==> flow/design.v <==
module core_switch #(
    parameter int WD = 2
) (
    input  logic ck,
    input  logic valid,
    input  logic [WD-1:0] in_ch0,
    input  logic [WD-1:0] in_ch1,
    input  logic [WD-1:0] in_ch2,
    input  logic [WD-1:0] in_ch3,
    input  logic [WD-1:0] in_ch4,
    input  logic [WD-1:0] in_ch5,
    input  logic [WD-1:0] in_ch6,
    input  logic [2:0] in_select,
    output logic [WD-1:0] out_dout
);
    logic [WD-1:0] ch0_s;
    logic [WD-1:0] ch1_s;
    logic [WD-1:0] ch2_s;
    logic [WD-1:0] ch3_s;
    logic [WD-1:0] ch4_s;
    logic [WD-1:0] ch5_s;
    logic [WD-1:0] ch6_s;
    logic [2:0] select_s;
    always_ff @(posedge ck) begin
        if (valid) begin
            ch0_s <= in_ch0;
            ch1_s <= in_ch1;
            ch2_s <= in_ch2;
            ch3_s <= in_ch3;
            ch4_s <= in_ch4;
            ch5_s <= in_ch5;
            ch6_s <= in_ch6;
            select_s <= in_select;
        end
    end
    logic [WD-1:0] r;
    always_comb begin
        case (select_s)
            3'd0: r = ch0_s;
            3'd1: r = ch1_s;
            3'd2: r = ch2_s;
            3'd3: r = ch3_s;
            3'd4: r = ch4_s;
            3'd5: r = ch5_s;
            default: r = ch6_s;
        endcase
    end
    always_ff @(posedge ck) begin
        if (valid) begin
            out_dout <= r;
        end
    end
endmodule
Reports on core_switch
Tool output for the design above, in the order of the flow.
Lines are those of the file above, counted from 1.
Cell names lack the library's common part.
The mark - stands for no value.

inputs
  design top = core_switch
  clock port = ck
  library = sky130hd
  library corner = tt_025C_1v80

After elaboration
Counts by Yosys on the flattened word-level netlist (proc, flatten, opt, wreduce; memories kept). Register bits leave out memories and registers merged into their read ports (data or address); mux counts leave out enables and synchronous resets folded into registers. Print and check cells are left out. Cells with the same type and inputs are merged into one.

cells by class
  reduce/logical cells = 1
  multiplexer cells = 1
  equal/unequal tests = 5

operator list
  kind                                          number
  parallel mux 2 bit (select 6 bit)             1
  equality test 3 x 2 -> 1 bit with constant B  2
  equality test 3 bit with constant B           2
  equality test 3 x 1 -> 1 bit with constant B  1
  zero test 3 bit                               1

storage and ports
  output and inout port bits = 2
  register bits after elaboration = 19
  cells after elaboration = 16

Longest topological paths
Yosys ltp: most cells in a row. Word level: on the elaborated netlist, between registers, memories and ports. Mapped: between sequential cells and ports; inverters and the memories' decode and read muxes count.

logic depth
  depth after elaboration = 2
  ABC_AREA = 0
  mapped depth = 4
  depth with buffers taken out = 3

Netlist
Yosys stat after the flow's synthesis: flattened, memories mapped to cells. It holds for the ABC_AREA given above (unset counts as 0); a run with the other value may have another netlist.

mapped netlist
  cell count = 34
  flip-flops = 19
  chip area (Yosys) = 705.7 µm²
  buffers = 2

cell types
  cell      number
  edfxtp_1  19
  mux4_2    1
  mux2i_1   2
  nand4b_1  2
  nand3b_1  2
  buf_6     1
  mux2_2    1
  a311o_1   1
  o311ai_0  1
  a21oi_1   1
  clkbuf_2  1
  o21ai_0   1
  nand2_1   1

Timing after synthesis
Source: OpenSTA report_checks on the synthesized netlist (no wires, ideal clock, input and output delay 20% of the period each), path of least setup slack; recovery checks are left aside. Register names are those of the netlist, which keeps one name where synthesis merged equal registers.

path post-synthesis
  path kind = reg2reg
  from = register select_s[0]
  to = register out_dout[0]
  data arrival time = 1.160 ns
  launch time at the first pin = 0.000 ns
  period = 1.77 ns
  delay of the path = 1.420 ns
  slack = 0.350 ns
  library setup time = 0.260 ns
  stages on the path = 4
  synthesis period reached = 1.42 ns

"delay of the path" is the arrival time less input delay plus setup time.
"stages on the path" counts driving pins, that of a launching flip-flop among them; a cell with two outputs on the path counts twice.
"synthesis period reached" = period - worst setup slack (recovery checks aside). The figure is calculated, with input and output delays left at 20% of the set period.
Between the ends stands the longest chain of elaborated cells between them, by number of cells; it is not shown to be the way that was timed. Of several equally long chains one is given.
A line is the first line of the expression or statement that the cell stems from. Yosys adds cells for indexed reads and writes and turns some case tables into memories.

on the way, post-synthesis
  cells stage by stage = edfxtp_1 -> buf_6 -> mux4_2 -> mux2_2
  length of the longest elaborated chain = 2
  elaborated cells between the ends (all ways) = 7
  source lines of those cells = 1

RTL lines, path post-synthesis
  element                            line  RTL
  from (decl)                        23    logic [2:0] select_s;
  from (assign)                      33    select_s <= in_select;
  equality test 3 bit                38    case (select_s)
  parallel mux 2 bit (select 6 bit)  38
  to (assign)                        50    out_dout <= r;
  to (decl)                          14    output logic [WD-1:0] out_dout

Worst path after layout
Path of least setup slack in the final report of stored run 1 (OpenROAD, finished layout, wires in). Where an end is a register, its clock arrival counts in the times.

path post-layout
  path kind = reg2reg
  from = register select_s[0]
  to = register out_dout[0]
  stages on the path = 3
  slack = 0.25 ns
  library setup time = 0.24 ns
  launch time at the first pin = 0.28 ns
  period = 1.77 ns
  data arrival time = 1.57 ns

Between the ends stands the longest chain of elaborated cells between them, by number of cells; it is not shown to be the way that was timed. Of several equally long chains one is given.

on the way, post-layout
  cells stage by stage = edfxtp_1 -> mux4_2 -> mux2_2
  length of the longest elaborated chain = 2
  elaborated cells between the ends (all ways) = 7
  source lines of those cells = 1

RTL lines, path post-layout
  element                            line  RTL
  from (decl)                        23    logic [2:0] select_s;
  from (assign)                      33    select_s <= in_select;
  equality test 3 bit                38    case (select_s)
  parallel mux 2 bit (select 6 bit)  38
  to (assign)                        50    out_dout <= r;
  to (decl)                          14    output logic [WD-1:0] out_dout

Subject: flow runs of core_switch

Hi,

Top module core_switch; platform sky130hd; tools Yosys and OpenROAD; 3 stored runs in no particular order. Input and output delays are each 20% of the period that was set; the output load is 0.01 pF.
"period achieved" means the clock period less the worst setup slack. The figure is calculated, with input and output delays left at 20% of the set period.
By "time on the worst setup path" is meant the share of the clock period that the worst setup path is allowed (20% is reserved at inputs, 20% at outputs), minus its slack. Clock arrival times at its registers enter into it.
"total power after layout" is the tool's figure for a default switching activity; nothing was simulated.
Among the settings, . means not set for that run.

item                                       stored run 1  stored run 2  stored run 3
period_ns                                  1.77          1.29          1.85
CAP_MARGIN                                 20            20            20
CORE_MARGIN                                2             2             2
CORE_UTILIZATION                           40            37            37
SLEW_MARGIN                                20            30            5
PLACE_DENSITY_LB_ADDON                     .             0.04          0.23
CELL_PAD_IN_SITES_GLOBAL_PLACEMENT         .             1             .
TNS_END_PERCENT                            .             30            75
ABC_AREA                                   .             0             .
GPL_ROUTABILITY_DRIVEN                     .             1             .
CTS_CLUSTER_SIZE                           .             91            57
CTS_CLUSTER_DIAMETER                       .             47            .
SETUP_SLACK_MARGIN                         .             .             -0.08
CORE_ASPECT_RATIO                          .             .             1.73
utilization of the finished layout (%)     55.9          56.1          53.5
overall die area (µm²)                     2,116.0       2,272.4       2,285.9
setup slack of the worst path (ns)         0.249         -0.100        0.304
total negative slack on setup checks (ns)  0.000         -0.195        0.000
standard-cell area after layout (µm²)      944.7         989.7         950.9
period achieved (ns)                       1.521         1.390         1.546
worst hold slack in the final report (ns)  0.606         0.519         0.606
mapped cell area after synthesis (µm²)     705.7         705.7         705.7
time on the worst setup path (ns)          1.52          1.39          1.55
class of the worst setup path              reg2reg       reg2reg       reg2reg
total power after layout (mW)              0.8535        1.184         0.8202

Regards
